==> flow/design.v <==
module alu_sub_unit_rtl #(
    parameter WD = 16
) (
    input  wire i_clk,
    input  wire rst_ni,
    input  wire ce,
    input  wire [WD-1:0] i_rs1,
    input  wire i_sub,
    input  wire i_zero,
    output wire [WD-1:0] o_q
);
    reg [WD-1:0] accum;
    always @(posedge i_clk or negedge rst_ni) begin
        if (!rst_ni) begin
            accum <= 0;
        end else if (ce) begin
            accum <= i_zero ? i_rs1 : i_sub ? accum - i_rs1 : accum + i_rs1;
        end
    end
    assign o_q = accum;
endmodule
Reports on alu_sub_unit_rtl:

The steps from the RTL of alu_sub_unit_rtl to its reports follow in flow order.
Line numbers count from 1 in the design file above.
Library cell names are shortened.
The mark - stands for no value.

* top module: alu_sub_unit_rtl
* clock port: i_clk
* library: sky130hd
* corner: tt_025C_1v80

Elaborated design:

Yosys after proc, flatten, opt, wreduce and memory -nomap, before mapping. Enables and synchronous resets that opt folds into registers are not counted as muxes. Memory bits, and registers merged into a memory's read port (data or address), are not among the register bits. Print and check cells are not counted. Equal cells are merged and count once.

* bits in registers: 16
* input port bits: 21
* elaborated cells: 5

* muxes and demuxes: 2
* add/sub/neg operators: 2

Operator list (number)
* 16-bit 2-to-1 mux: 2
* 16-bit adder: 1
* 16-bit subtractor: 1

Depth:

Depth = most cells in a row (Yosys ltp): at word level without a register or memory, in the mapped netlist without a sequential cell, where the memories' decode and read muxes count.

* depth in word-level cells: 3
* ABC_AREA: 0
* depth in mapped cells: 16

After synthesis:

Source: synth_stat.txt of the flow (Yosys; design flattened, memories mapped). It holds for the ABC_AREA given above (unset counts as 0); a run with the other value may have another netlist.

* mapped area: 1799.2 µm²
* mapped cells: 227
* mapped flip-flops: 16
* area of sequential cells: 400.4 µm²

Cell types
* dfrtp_1: number 16, total area 400.384 µm²
* ha_1: number 16, total area 200.192 µm²
* xnor2_1: number 20, total area 175.168 µm²
* a21oi_1: number 24, total area 120.115 µm²
* nor2_1: number 28, total area 105.101 µm²
* nor3_1: number 12, total area 60.058 µm²
* o21a_1: number 6, total area 45.043 µm²
* nor4_4: number 2, total area 42.541 µm²
* inv_1: number 11, total area 41.29 µm²
* nand2_1: number 11, total area 41.29 µm²
* mux2i_1: number 4, total area 40.038 µm²
* a211oi_1: number 5, total area 37.536 µm²
* nand2b_1: number 6, total area 37.536 µm²
* o21ai_0: number 7, total area 35.034 µm²
* nand3_1: number 6, total area 30.029 µm²
* a21o_1: number 3, total area 22.522 µm²
* fa_1: number 1, total area 20.019 µm²
* o21ai_1: number 4, total area 20.019 µm²

Not listed: further types 30, cells in them 45.

Path before layout:

Source: OpenSTA report_checks on the synthesized netlist (no wires, ideal clock, input and output delay 20% of the period each), path of least setup slack; recovery checks are left aside. Register names are those of the netlist, which keeps one name where synthesis merged equal registers.

* path kind: input to register
* start: input i_rs1[4]
* end: register accum[15]
* path delay: 3.132 ns
* time at the first pin: 0.978 ns
* arrival: 4.039 ns
* setup slack: 0.780 ns
* stages on the path: 14
* input delay: 0.978 ns
* clock period: 4.89 ns
* setup time: 0.071 ns
* data required time: 4.819 ns
* synthesis period reached: 4.11 ns

"path delay" is the arrival time less input delay plus setup time.
"stages on the path" counts driving pins, that of a launching flip-flop among them; a cell with two outputs on the path counts twice.
"synthesis period reached" is the clock period less the worst setup slack; recovery checks do not enter. This is arithmetic on one report: input and output delays are still those of the set period (20% each).
The rows between start and end are the longest chain of elaborated cells between them; the timing report does not say that the signal goes this way. Where chains are equally long, one stands for them.
A line is the first line of the expression or statement that the cell stems from. Yosys adds cells for indexed reads and writes and turns some case tables into memories.

* cell sequence: or3_1 > or2_2 > nor3_1 > nor2_1 > xnor2_1 > ha_1 > a21o_1 > a21oi_2 > o21ai_1 > nor3_2 > a211oi_1 > or4_4 > a2111o_1 > nand4_1
* cells in the longest elaborated chain: 3

Ends and longest elaborated chain, after synthesis
* from (decl): line 7 `input  wire [WD-1:0] i_rs1,`
* 16-bit adder: line 17 `accum <= i_zero ? i_rs1 : i_sub ? accum - i_rs1 : accum + i_rs1;`
* 16-bit 2-to-1 mux (2 in a row): line 17
* to (assign): line 15 `accum <= 0;`
* to (assign): line 17
* to (decl): line 12 `reg [WD-1:0] accum;`

Worst path after layout:

Path of least setup slack in the final report of job 3 (OpenROAD, finished layout, wires in). Where an end is a register, its clock arrival counts in the times.

* path kind: input to register
* start: input i_rs1[4]
* end: register accum[15]
* setup time: 0.06 ns
* arrival: 4.66 ns
* input delay: 0.98 ns
* setup slack: 0.43 ns
* time at the first pin: 0.98 ns
* clock period: 4.89 ns
* data required time: 5.09 ns
* stages on the path: 15

The rows between start and end are the longest chain of elaborated cells between them; the timing report does not say that the signal goes this way. Where chains are equally long, one stands for them.

* cell sequence: clkdlybuf4s50_1 > or3_1 > or2_2 > nor3_1 > nor2_1 > xnor2_1 > ha_1 > a21o_1 > a21oi_2 > o21ai_1 > nor3_2 > a211oi_1 > or4_4 > a2111o_1 > nand4_1
* cells in the longest elaborated chain: 3

Ends and longest elaborated chain, post-layout
* from (decl): line 7 `input  wire [WD-1:0] i_rs1,`
* 16-bit adder: line 17 `accum <= i_zero ? i_rs1 : i_sub ? accum - i_rs1 : accum + i_rs1;`
* 16-bit 2-to-1 mux (2 in a row): line 17
* to (assign): line 15 `accum <= 0;`
* to (assign): line 17
* to (decl): line 12 `reg [WD-1:0] accum;`

Add stored flow runs of alu_sub_unit_rtl

Below are 3 stored runs of the flow (Yosys, OpenROAD; platform sky130hd) on alu_sub_unit_rtl, each with its settings and what was measured, unordered. Constraints: input delay and output delay 20% of the set period each, output load 0.01 pF.
"period achieved" means the clock period less the worst setup slack. The figure is calculated, with input and output delays left at 20% of the set period.
"critical path time" is the time allowed to the run's worst setup path (the clock period less input and output delay, where it has them) less its slack. Clock arrival times count: a late capture clock shortens it, a late launch clock lengthens it.
"power consumption" is the tool's figure for a default switching activity; nothing was simulated.

### Job 1

==> flow/run.sh <==
#!/bin/bash
# the make line also repeats the synthesis and layout settings of config.mk as NAME=value (left out here)
make -C /OpenROAD-flow-scripts/flow DESIGN_CONFIG=/design/flow/config.mk WORK_HOME=/design/flow/orfs CLKGATE_MAP_FILE= finish
==> flow/config.mk <==
export PLATFORM = sky130hd
export DESIGN_NAME = alu_sub_unit_rtl
export DESIGN_NICKNAME = alu_sub_unit_rtl
export VERILOG_FILES = /design/flow/design.v
export SDC_FILE = /design/flow/constraint.sdc
export NUM_CORES = 4
export LEC_CHECK = 0
export CAP_MARGIN = 15
export CELL_PAD_IN_SITES_GLOBAL_PLACEMENT = 2
export CORE_MARGIN = 6
export CORE_UTILIZATION = 64
export CTS_CLUSTER_SIZE = 36
export PLACE_DENSITY_LB_ADDON = 0.02
export SLEW_MARGIN = 20
export TNS_END_PERCENT = 5
==> flow/constraint.sdc <==
create_clock -name core_clock -period 6.26 [get_ports {i_clk}]
set_input_delay 1.2520 -clock core_clock [delete_from_list [all_inputs] [get_ports {i_clk}]]
set_output_delay 1.2520 -clock core_clock [all_outputs]
set_load 0.01 [all_outputs]

Outcome of job 1: stopped before the end: placement reported FLW-0024

### Job 2

==> flow/run.sh <==
#!/bin/bash
# the make line also repeats the synthesis and layout settings of config.mk as NAME=value (left out here)
make -C /OpenROAD-flow-scripts/flow DESIGN_CONFIG=/design/flow/config.mk WORK_HOME=/design/flow/orfs CLKGATE_MAP_FILE= finish
==> flow/config.mk <==
export PLATFORM = sky130hd
export DESIGN_NAME = alu_sub_unit_rtl
export DESIGN_NICKNAME = alu_sub_unit_rtl
export VERILOG_FILES = /design/flow/design.v
export SDC_FILE = /design/flow/constraint.sdc
export NUM_CORES = 4
export LEC_CHECK = 0
export CAP_MARGIN = 20
export CELL_PAD_IN_SITES_GLOBAL_PLACEMENT = 3
export CORE_MARGIN = 2
export CORE_UTILIZATION = 46
export CTS_CLUSTER_SIZE = 84
export GPL_ROUTABILITY_DRIVEN = 0
export GPL_TIMING_DRIVEN = 1
export SLEW_MARGIN = 20
export TNS_END_PERCENT = 80
==> flow/constraint.sdc <==
create_clock -name core_clock -period 4.0 [get_ports {i_clk}]
set_input_delay 0.8000 -clock core_clock [delete_from_list [all_inputs] [get_ports {i_clk}]]
set_output_delay 0.8000 -clock core_clock [all_outputs]
set_load 0.01 [all_outputs]

Outcome of job 2: stopped before the end: placement reported GPL-0301

### Job 3

==> flow/run.sh <==
#!/bin/bash
# the make line also repeats the synthesis and layout settings of config.mk as NAME=value (left out here)
make -C /OpenROAD-flow-scripts/flow DESIGN_CONFIG=/design/flow/config.mk WORK_HOME=/design/flow/orfs CLKGATE_MAP_FILE= finish
==> flow/config.mk <==
export PLATFORM = sky130hd
export DESIGN_NAME = alu_sub_unit_rtl
export DESIGN_NICKNAME = alu_sub_unit_rtl
export VERILOG_FILES = /design/flow/design.v
export SDC_FILE = /design/flow/constraint.sdc
export NUM_CORES = 4
export LEC_CHECK = 0
export CAP_MARGIN = 20
export CORE_MARGIN = 2
export CORE_UTILIZATION = 40
export SLEW_MARGIN = 20
==> flow/constraint.sdc <==
create_clock -name core_clock -period 4.89 [get_ports {i_clk}]
set_input_delay 0.9780 -clock core_clock [delete_from_list [all_inputs] [get_ports {i_clk}]]
set_output_delay 0.9780 -clock core_clock [all_outputs]
set_load 0.01 [all_outputs]

Results of job 3:
- Period achieved: 4.459 ns
- Setup slack of the worst path: 0.431 ns
- Worst hold slack: 0.521 ns
- Die outline area: 5050.2 µm²
- Utilization: 0.524
- Power consumption: 0.8925 mW
- Standard-cell area after layout: 2283.4 µm²
- Yosys chip area after synthesis: 1799.2 µm²
- Critical path time: 3.48 ns
- Type of the worst setup path: input to register
- Sum of negative setup slack: 0.000 ns
